==> flow/design.v <==
module addsub_blk #(
  parameter NBITS = 28
) (
  input aclk,
  input srst,
  input [NBITS-1:0] in0,
  input [NBITS-1:0] in1,
  output [NBITS-1:0] result,
  output borrow
);
  reg [NBITS-1:0] in0_d1;
  reg [NBITS-1:0] in1_d1;
  always @(posedge aclk or posedge srst) begin
    if (srst) begin
      in0_d1 <= 0;
      in1_d1 <= 0;
    end else begin
      in0_d1 <= in0;
      in1_d1 <= in1;
    end
  end
  wire [NBITS:0] nxt;
  assign nxt = {1'b0, in0_d1} - {1'b0, in1_d1};
  assign result = nxt[NBITS-1:0];
  assign borrow = nxt[NBITS];
endmodule
### Tool chain data of addsub_blk

What the tools print for addsub_blk, step after step.
Line numbers count from 1 in the design file above.
Not given: --

* design top: addsub_blk
* clock input: aclk
* cell library: sky130hd
* corner: tt_025C_1v80

### After elaboration

Yosys after proc, flatten, opt, wreduce and memory -nomap, before mapping. Enables and synchronous resets that opt folds into registers are not counted as muxes. Memory bits, and registers merged into a memory's read port (data or address), are not among the register bits. Print and check cells are not counted. Equal cells are merged and count once.

* flip-flop bits (word level): 56
* latch bits: 0
* bits in writable memories: 0
* bits in read-only memories: 0
* word width x clocked read ports: 0
* memory cells: 0
* bits of input ports: 58
* output and inout bits: 29
* elaborated cells: 3

* add/subtract/negate cells: 1
* multiply operators: 0
* divide/modulo/power cells: 0
* $lt $le $gt $ge: 0
* eq/ne operators: 0
* shift operators: 0
* mux-type cells: 0
* bitwise operators: 0
* reduce/logical cells: 0

Operators with widths (number)
* subtractor 28 x 28 -> 29 bit: 1

### Longest topological paths

Yosys ltp: most cells in a row. Word level: on the elaborated netlist, between registers, memories and ports. Mapped: between sequential cells and ports; inverters and the memories' decode and read muxes count.

* depth in word-level cells: 1
* ABC_AREA: 1
* mapped depth: 12
* gate-level depth less buffers: 12

### After synthesis

Yosys stat after the flow's synthesis: flattened, memories mapped to cells. It holds for the ABC_AREA given above (unset counts as 0); a run with the other value may have another netlist.

Cells by type
* sky130_fd_sc_hd__dfrtp_1: number 56, area in all 1.4E+03 µm²
* sky130_fd_sc_hd__nand2_1: number 192, area in all 720.691 µm²
* sky130_fd_sc_hd__inv_1: number 124, area in all 465.446 µm²
* sky130_fd_sc_hd__ha_1: number 28, area in all 350.336 µm²
* sky130_fd_sc_hd__nand3_1: number 28, area in all 140.134 µm²
* sky130_fd_sc_hd__nor2_1: number 34, area in all 127.622 µm²
* sky130_fd_sc_hd__a21oi_1: number 19, area in all 95.091 µm²
* sky130_fd_sc_hd__xor2_1: number 9, area in all 78.826 µm²
* sky130_fd_sc_hd__nand4_1: number 6, area in all 37.536 µm²
* sky130_fd_sc_hd__a21o_1: number 4, area in all 30.029 µm²
* sky130_fd_sc_hd__fa_1: number 1, area in all 20.019 µm²
* sky130_fd_sc_hd__nand3_2: number 2, area in all 20.019 µm²
* sky130_fd_sc_hd__xnor2_1: number 2, area in all 17.517 µm²
* sky130_fd_sc_hd__nand3b_1: number 2, area in all 15.014 µm²
* sky130_fd_sc_hd__o21ai_0: number 2, area in all 10.01 µm²
* sky130_fd_sc_hd__o21bai_1: number 1, area in all 7.507 µm²
* sky130_fd_sc_hd__and2_1: number 1, area in all 6.256 µm²
* sky130_fd_sc_hd__nand2_2: number 1, area in all 6.256 µm²

Not listed: further types 3, cells in them 3.

* standard cells after synthesis: 515
* synthesis area: 3567.2 µm²
* sequential area: 1401.3 µm²
* flip-flop cells: 56
* buffers: 0

### Worst setup path after synthesis

OpenSTA on the mapped netlist: ideal clock, no wires. The path of least setup slack (recovery checks aside). Input and output delay are each 20% of the period. Register names are those of the netlist, which keeps one name where synthesis merged equal registers.

* kind: reg-to-output
* from: reg in0_d1[0]
* to: out result[14]
* clock period: 3900 ps
* external output delay: 780 ps
* launch time at the first pin: 0 ps
* arrival: 1654 ps
* required time: 3120 ps
* slack: 1466 ps
* path delay: 1654 ps
* stages: 12
* path buffers: 0
* period reached after synthesis: 2434 ps

"path delay" = arrival - input delay + setup time.
A path that ends at an output port has no setup time.
"stages": output pins that drive a net of the path, with the launching flip-flop's if there is one; two outputs of one cell count as two.
"period reached after synthesis" = period - worst setup slack (recovery checks aside). The figure is calculated, with input and output delays left at 20% of the set period.
Between the ends stands the longest chain of elaborated cells between them, by number of cells; it is not shown to be the way that was timed. Of several equally long chains one is given.
Each line given opens the expression or statement behind the cell; cells for indexed reads and writes are added by Yosys, which also makes memories of some case tables.

* cells stage by stage: sky130_fd_sc_hd__dfrtp_1 > sky130_fd_sc_hd__inv_1 > sky130_fd_sc_hd__ha_1 > sky130_fd_sc_hd__fa_1 > sky130_fd_sc_hd__inv_1 > sky130_fd_sc_hd__nand3_1 > sky130_fd_sc_hd__nand3_2 > sky130_fd_sc_hd__nand2_1 > sky130_fd_sc_hd__nand2_1 > sky130_fd_sc_hd__nand3_1 > sky130_fd_sc_hd__a21o_1 > sky130_fd_sc_hd__nand2_1
* length of the longest elaborated chain: 1
* elaborated cells between the ends (all ways): 1
* RTL lines with such cells: 1
* classes of those cells: add/sub: 1

Ends and longest elaborated chain, post-synthesis
* from (decl): line 11 `reg [NBITS-1:0] in0_d1;`
* from (assign): line 15 `in0_d1 <= 0;`
* from (assign): line 18 `in0_d1 <= in0;`
* subtractor 28 x 28 -> 29 bit: line 23 `assign nxt = {1'b0, in0_d1} - {1'b0, in1_d1};`
* to (decl): line 8 `output [NBITS-1:0] result,`

### Timing after layout

Path of least setup slack in the final report of job 2 (OpenROAD, finished layout, wires in). Where an end is a register, its clock arrival counts in the times.
The path's times are printed in steps of 10 ps; the period is the one set.

* kind: reg-to-output
* from: reg in0_d1[0]
* to: out result[12]
* clock period: 5220 ps
* external output delay: 1040 ps
* launch time at the first pin: 300 ps
* arrival: 2690 ps
* required time: 4180 ps
* slack: 1490 ps
* stages: 12
* path buffers: 1

Between the ends stands the longest chain of elaborated cells between them, by number of cells; it is not shown to be the way that was timed. Of several equally long chains one is given.

* cells stage by stage: sky130_fd_sc_hd__dfrtp_1 > sky130_fd_sc_hd__inv_1 > sky130_fd_sc_hd__ha_1 > sky130_fd_sc_hd__fa_1 > sky130_fd_sc_hd__inv_1 > sky130_fd_sc_hd__nand3_1 > sky130_fd_sc_hd__nand3_2 > sky130_fd_sc_hd__nand2_1 > sky130_fd_sc_hd__nand2_2 > sky130_fd_sc_hd__a21oi_1 > sky130_fd_sc_hd__xnor2_1 > sky130_fd_sc_hd__clkdlybuf4s50_1
* length of the longest elaborated chain: 1
* elaborated cells between the ends (all ways): 1
* RTL lines with such cells: 1
* classes of those cells: add/sub: 1

Ends and longest elaborated chain, after layout
* from (decl): line 11 `reg [NBITS-1:0] in0_d1;`
* from (assign): line 15 `in0_d1 <= 0;`
* from (assign): line 18 `in0_d1 <= in0;`
* subtractor 28 x 28 -> 29 bit: line 23 `assign nxt = {1'b0, in0_d1} - {1'b0, in1_d1};`
* to (decl): line 8 `output [NBITS-1:0] result,`

Add stored flow runs of addsub_blk

3 stored runs of addsub_blk in the flow (synthesis by Yosys, layout by OpenROAD, sky130hd cells), in arbitrary order. Constraints: input delay and output delay 20% of the set period each, output load 0.01 pF.
"period achieved" means the clock period less the worst setup slack. The figure is calculated, with input and output delays left at 20% of the set period.
"time on the worst setup path" = time allowed to the worst setup path (clock period - input delay - output delay, where it has them) - its slack; a late launch clock adds to it, a late capture clock takes from it.
By "total power of the final layout" is meant OpenSTA's value without simulated activity: inputs other than the clock are taken to toggle once in ten clock periods, and the tool carries that through the logic.
"time on the worst setup path" is given in steps of 10 ps.

### Job 1

Settings: `period_ns=2.02`, `CORE_UTILIZATION=49`, `SETUP_SLACK_MARGIN=0.08`, `CELL_PAD_IN_SITES_GLOBAL_PLACEMENT=3`, `CELL_PAD_IN_SITES_DETAIL_PLACEMENT=0`, `TNS_END_PERCENT=80`, `ABC_AREA=0`, `GPL_TIMING_DRIVEN=1`, `CTS_CLUSTER_DIAMETER=92`, `CAP_MARGIN=30`, `MAX_ROUTING_LAYER=met4`, `CORE_MARGIN=2`, `SLEW_MARGIN=20`

Incomplete, placement halted on GPL-0301.

### Job 2

Settings: `period_ns=5.22`, `CORE_UTILIZATION=29`, `SETUP_SLACK_MARGIN=0.59`, `PLACE_DENSITY_LB_ADDON=0.0`, `CORE_ASPECT_RATIO=1.76`, `CORE_MARGIN=9`, `CELL_PAD_IN_SITES_GLOBAL_PLACEMENT=3`, `TNS_END_PERCENT=20`, `ABC_AREA=1`, `CTS_CLUSTER_SIZE=57`, `SLEW_MARGIN=30`, `CAP_MARGIN=20`

- Total negative slack: 0 ps
- Total die area: 16777.7 µm²
- Smallest setup slack: 1490 ps
- Total power of the final layout: 1.264 mW
- Post-layout utilization: 40.1 %
- Time on the worst setup path: 2690 ps
- Kind of the worst setup path: reg-to-output
- Cell area after synthesis: 3567.2 µm²
- Period achieved: 3730 ps
- Standard-cell area after layout: 4814.6 µm²
- Lowest hold slack: 1176 ps

### Job 3

Settings: `period_ns=3.9`, `CAP_MARGIN=20`, `CORE_MARGIN=2`, `CORE_UTILIZATION=40`, `SLEW_MARGIN=20`

- Total negative slack: 0 ps
- Total die area: 8056.0 µm²
- Smallest setup slack: 140 ps
- Total power of the final layout: 1.436 mW
- Post-layout utilization: 56.7 %
- Time on the worst setup path: 2980 ps
- Kind of the worst setup path: reg-to-output
- Cell area after synthesis: 2941.6 µm²
- Period achieved: 3760 ps
- Standard-cell area after layout: 4071.4 µm²
- Lowest hold slack: 885 ps
